==> flow/design.v <==
module reg_file_stage (sys_clk, rstn, wen, waddr, din, rsel, q);
    parameter integer D = 40;
    parameter integer DATA_W = 2;
    parameter integer NUM_RD = 2;
    localparam integer ADDR_W = $clog2(D);
    input sys_clk;
    input rstn;
    input wen;
    input [ADDR_W-1:0] waddr;
    input [DATA_W-1:0] din;
    input [NUM_RD*ADDR_W-1:0] rsel;
    output reg [NUM_RD*DATA_W-1:0] q;
    reg wen_s;
    reg [ADDR_W-1:0] waddr_s;
    reg [DATA_W-1:0] din_s;
    reg [D*DATA_W-1:0] rf;
    genvar i;
    generate
        for (i = 0; i < D; i = i + 1) begin : slice
            always @(posedge sys_clk)
                if (wen_s && waddr_s == i) rf[i*DATA_W +: DATA_W] <= din_s;
        end
    endgenerate
    reg [NUM_RD*ADDR_W-1:0] rsel_s;
    reg [NUM_RD*DATA_W-1:0] tmp;
    integer gj;
    integer idx;
    always @* begin
        tmp = 0;
        for (gj = 0; gj < NUM_RD; gj = gj + 1) begin
            for (idx = 0; idx < D; idx = idx + 1)
                tmp[gj*DATA_W +: DATA_W] = tmp[gj*DATA_W +: DATA_W] | (rf[idx*DATA_W +: DATA_W] & {DATA_W{rsel_s[gj*ADDR_W +: ADDR_W] == idx}});
        end
    end
    always @(posedge sys_clk or negedge rstn) begin
        if (!rstn) begin
            wen_s <= 1'b0;
            waddr_s <= 0;
            din_s <= 0;
            rsel_s <= 0;
            q <= 0;
        end else begin
            wen_s <= wen;
            waddr_s <= waddr;
            din_s <= din;
            rsel_s <= rsel;
            q <= tmp;
        end
    end
endmodule
# From RTL to reports: reg_file_stage
# Tool output for the members of one design family, told apart by "DATA_W", in the order of the flow.
# The file above is the member DATA_W=2. Line numbers count from 1 in each member's own file.
# Operators: Yosys type, input widths -> output width; for muxes data width and select width s.
# Cell names lack the library's common part.
# The mark -- stands for no value.
# design
design,reg_file_stage
clk_port,sys_clk
lib,sky130hd
corner,tt_025C_1v80

# Members of the sweep
# New or changed lines of each further member against the RTL above, in its own file; lines it lacks are not shown.
# src_changes
DATA_W,line_no,source
6,3,parameter integer DATA_W = 6;
8,3,parameter integer DATA_W = 8;
12,3,parameter integer DATA_W = 12;
16,3,parameter integer DATA_W = 16;
20,3,parameter integer DATA_W = 20;

# Elaborated design
# Counts by Yosys on the flattened word-level netlist (proc, flatten, opt, wreduce; memories kept). Register bits leave out memories and registers merged into their read ports (data or address); mux counts leave out enables and synchronous resets folded into registers. Print and check cells are left out. Cells with the same type and inputs are merged into one.
# word_totals
DATA_W,reg_bits,latch_bits,ramBits,mem_bits_ro,clocked_rd_ports_x_width,n_memories,inputBits,output_inout_bits
2,105,0,0,0,0,0,23,4
6,277,0,0,0,0,0,27,12
8,363,0,0,0,0,0,29,16
12,535,0,0,0,0,0,33,24
16,707,0,0,0,0,0,37,32
20,879,0,0,0,0,0,41,40
# op_classes
DATA_W,add_sub_neg,n_mul,div,compare,n_eq,n_shift,mux,n_logic,reduce_logical
2,0,0,0,0,117,0,0,158,43
6,0,0,0,0,117,0,0,158,43
8,0,0,0,0,117,0,0,158,43
12,0,0,0,0,117,0,0,158,43
16,0,0,0,0,117,0,0,158,43
20,0,0,0,0,117,0,0,158,43
# op_table
DATA_W,operators
2,$eq 6x5->1 const B: 48; $and 2x2->2: 80; $or 2x2->2: 78; $eq 6x4->1 const B: 24; $eq 6x6->1 const B: 24; $eq 6x3->1 const B: 12; $logic_and 1x1->1: 40; $eq 6x2->1 const B: 6; $eq 6x1->1 const B: 3; $logic_not 6->1: 3
6,$and 6x6->6: 80; $or 6x6->6: 78; $eq 6x5->1 const B: 48; $eq 6x4->1 const B: 24; $eq 6x6->1 const B: 24; $eq 6x3->1 const B: 12; $logic_and 1x1->1: 40; $eq 6x2->1 const B: 6; $eq 6x1->1 const B: 3; $logic_not 6->1: 3
8,$and 8x8->8: 80; $or 8x8->8: 78; $eq 6x5->1 const B: 48; $eq 6x4->1 const B: 24; $eq 6x6->1 const B: 24; $eq 6x3->1 const B: 12; $logic_and 1x1->1: 40; $eq 6x2->1 const B: 6; $eq 6x1->1 const B: 3; $logic_not 6->1: 3
12,$and 12x12->12: 80; $or 12x12->12: 78; $eq 6x5->1 const B: 48; $eq 6x4->1 const B: 24; $eq 6x6->1 const B: 24; $eq 6x3->1 const B: 12; $logic_and 1x1->1: 40; $eq 6x2->1 const B: 6; $eq 6x1->1 const B: 3; $logic_not 6->1: 3
16,$and 16x16->16: 80; $or 16x16->16: 78; $eq 6x5->1 const B: 48; $eq 6x4->1 const B: 24; $eq 6x6->1 const B: 24; $eq 6x3->1 const B: 12; $logic_and 1x1->1: 40; $eq 6x2->1 const B: 6; $eq 6x1->1 const B: 3; $logic_not 6->1: 3
20,$and 20x20->20: 80; $or 20x20->20: 78; $eq 6x5->1 const B: 48; $eq 6x4->1 const B: 24; $eq 6x6->1 const B: 24; $eq 6x3->1 const B: 12; $logic_and 1x1->1: 40; $eq 6x2->1 const B: 6; $eq 6x1->1 const B: 3; $logic_not 6->1: 3

# Logic depth
# Yosys ltp: most cells in a row. Word level: on the elaborated netlist, between registers, memories and ports. Mapped: between sequential cells and ports; inverters and the memories' decode and read muxes count.
# logic_depth
DATA_W,depth_word,abc_area,ltp_mapped,depth_no_buf
2,41,0,9,5
6,41,0,9,6
8,41,0,9,6
12,41,0,9,5
16,41,0,10,5
20,41,0,9,5

# After synthesis
# Yosys stat after the flow's synthesis: flattened, memories mapped to cells. It holds for the ABC_AREA given above (unset counts as 0); a run with the other value may have another netlist.
# by_type
DATA_W,cell_types
2,edfxtp_1: 80; dfrtp_1: 25; nor2_1: 48; mux2i_1: 16; mux4_2: 5; buf_2: 19; mux2_1: 8; mux2_2: 8; nand3b_1: 11; nand4_1: 13; nand3_1: 16; nand2_1: 20; nor2b_1: 10; a31oi_1: 9; buf_6: 5; nand2b_1: 9; o21ai_0: 11; a22oi_1: 7; (+114)
6,edfxtp_1: 240; dfrtp_1: 37; a22oi_1: 68; mux2i_1: 38; nor2_1: 93; a32oi_1: 36; nand2_1: 57; mux2_2: 18; nand3_1: 38; a22o_1: 21; nor3_1: 33; nand4_1: 22; buf_2: 23; o21ai_0: 22; a221oi_1: 12; a21oi_1: 20; clkbuf_1: 25; mux4_2: 4; (+151)
8,edfxtp_1: 320; dfrtp_1: 43; a22oi_1: 139; a22o_1: 51; nor2_1: 118; a221oi_1: 47; mux2i_1: 33; nand4_1: 34; mux2_2: 14; nor3_1: 28; nand3_1: 25; a21oi_1: 24; nand2_1: 31; buf_2: 18; buf_6: 8; buf_4: 11; or4_1: 11; a32oi_1: 8; (+151)
12,edfxtp_1: 480; and3_1: 224; dfrtp_1: 55; a22oi_1: 165; a2111oi_0: 59; a32oi_1: 57; mux2i_1: 46; nand4_1: 71; nor2_1: 96; clkbuf_1: 58; buf_6: 18; or4_1: 25; mux2_2: 15; a22o_1: 18; a221oi_1: 17; nand3_1: 28; nor3_1: 28; nor4_1: 21; (+234)
16,edfxtp_1: 640; and3_1: 327; dfrtp_1: 67; a22oi_1: 209; a2111oi_0: 110; mux2i_1: 61; nand4_1: 75; a32oi_1: 48; clkbuf_1: 110; nor2_1: 109; nand3_1: 78; or4_1: 36; mux2_2: 19; buf_2: 40; a21oi_1: 36; a221oi_1: 16; nand3b_1: 18; nor3_1: 27; (+238)
20,edfxtp_1: 800; a22oi_1: 319; and3_1: 344; dfrtp_1: 79; a2111oi_0: 104; mux2i_1: 88; nand4_1: 95; nor2_1: 120; nand3_1: 80; clkbuf_1: 104; buf_2: 64; or4_1: 42; a22o_1: 34; buf_6: 21; a21oi_1: 47; nor4_1: 35; mux2_2: 18; a221oi_1: 23; (+348)
# The mark (+n) counts cells that are not listed.
# synth_totals
DATA_W,stdcells,mapped_area_um2,seqArea_um2,flip_flops
2,434,5277.6,3027.9,105
6,958,12544.5,8132.8,277
8,1114,15817.7,10685.2,363
12,1715,23946.7,15790.1,535
16,2264,31335.1,20895.0,707
20,2765,38951.1,25999.9,879

# Timing after synthesis
# Path of least setup slack by OpenSTA after synthesis, without wires, with an ideal clock, recovery checks aside; 20% of the period is set as input and as output delay. Where synthesis merged equal registers, the netlist keeps one of their names.
# synth_path
DATA_W,path_type,startpoint,endpoint,clock_period_ps,slack_ps,stages,path_delay_ps,period_less_setup_slack_ps
2,register to register,register waddr_s[4],register rf[16],2270,454,5,1816,1816
6,register to register,register waddr_s[4],register rf[48],2930,584,5,2346,2346
8,register to register,register waddr_s[4],register rf[64],3110,623,5,2486,2487
12,register to register,register waddr_s[5],register rf[100],3490,700,5,2790,2790
16,register to register,register waddr_s[5],register rf[128],3810,761,5,3049,3049
20,register to register,register waddr_s[5],register rf[160],4190,837,5,3352,3353
# "path_delay_ps" = arrival - input delay + setup time.
# "stages" counts driving pins, that of a launching flip-flop among them; a cell with two outputs on the path counts twice.
# "period_less_setup_slack_ps" is the clock period less the worst setup slack; recovery checks do not enter. This is arithmetic on one report: input and output delays are still those of the set period (20% each).
# Between the ends stands the longest chain of elaborated cells between them, by number of cells; it is not shown to be the way that was timed. Of several equally long chains one is given.
# A line is the first line of the expression or statement that the cell stems from. Yosys adds cells for indexed reads and writes and turns some case tables into memories.
# synth_between_DATA_W_2
elab_chain_cells,2
# synth_lines_DATA_W_2
item,line_no,source
from (decl),14,reg [ADDR_W-1:0] waddr_s;
from (assign),38,waddr_s <= 0;
from (assign),44,waddr_s <= waddr;
$eq 6x4->1,21,if (wen_s && waddr_s == i) rf[i*DATA_W +: DATA_W] <= din_s;
$logic_and 1x1->1,21,
to (assign),21,
to (decl),16,reg [D*DATA_W-1:0] rf;
# synth_between_DATA_W_20
elab_chain_cells,2
# synth_lines_DATA_W_20
item,line_no,source
from (decl),14,reg [ADDR_W-1:0] waddr_s;
from (assign),38,waddr_s <= 0;
from (assign),44,waddr_s <= waddr;
$eq 6x4->1,21,if (wen_s && waddr_s == i) rf[i*DATA_W +: DATA_W] <= din_s;
$logic_and 1x1->1,21,
to (assign),21,
to (decl),16,reg [D*DATA_W-1:0] rf;

# Worst path after layout
# Path of least setup slack in the final report of the run of each member (OpenROAD, finished layout, wires in). Where an end is a register, its clock arrival counts in the times.
# The path's times are printed in steps of 10 ps; the period is the one set.
# layout_path
DATA_W,path_type,startpoint,endpoint,clock_period_ps,slack_ps,stages,t_arrival_ps,n_path_buf
2,register to register,register rsel_s[2],register q[1],2270,180,6,2300,0
6,register to register,register rsel_s[11],register q[10],2930,0,10,3410,3
8,register to register,register rsel_s[5],register q[3],3110,-100,8,3660,1
12,register to register,register rsel_s[0],register q[5],3490,170,9,3900,3
16,register to register,register rsel_s[1],register q[7],3810,150,8,4160,2
20,register to register,register rsel_s[5],register q[12],4190,210,7,4560,1

# Flow runs
# One run of the flow (Yosys, OpenROAD) for each member, with settings and measured results. Input and output delays are each 20% of the period that was set; the output load is 0.01 pF.
# settings
CAP_MARGIN,20
CORE_MARGIN,2
CORE_UTILIZATION,40
SLEW_MARGIN,20
# settings_by_member
DATA_W,period_ns
2,2.27
6,2.93
8,3.11
12,3.49
16,3.81
20,4.19
# results
DATA_W,yosys_chip_area_um2,design_die_area_um2,post_route_stdcell_area_um2,finish.utilization_pct,ws_setup_ps,tns_ps,power.total_uw,achievedPeriod_ps
2,5277.6,14128.9,6052.1,47.4,177,0,4033,2093
6,12544.5,32793.6,15737.6,51.2,-1,-1,9080,2931
8,15817.7,41150.2,19905.3,51.3,-95,-157,11562,3205
12,23946.7,61839.3,29592.1,50.0,165,0,15078,3325
16,31335.1,80593.5,38056.5,49.1,151,0,18121,3659
20,38951.1,99890.8,47409.2,49.1,210,0,20533,3980
# "achievedPeriod_ps" is the run's clock period less its worst setup slack. It is reckoned from that one timing run; input and output delays stay at 20% of the period that was set.
# "power.total_uw" is the tool's figure for a default switching activity; nothing was simulated.
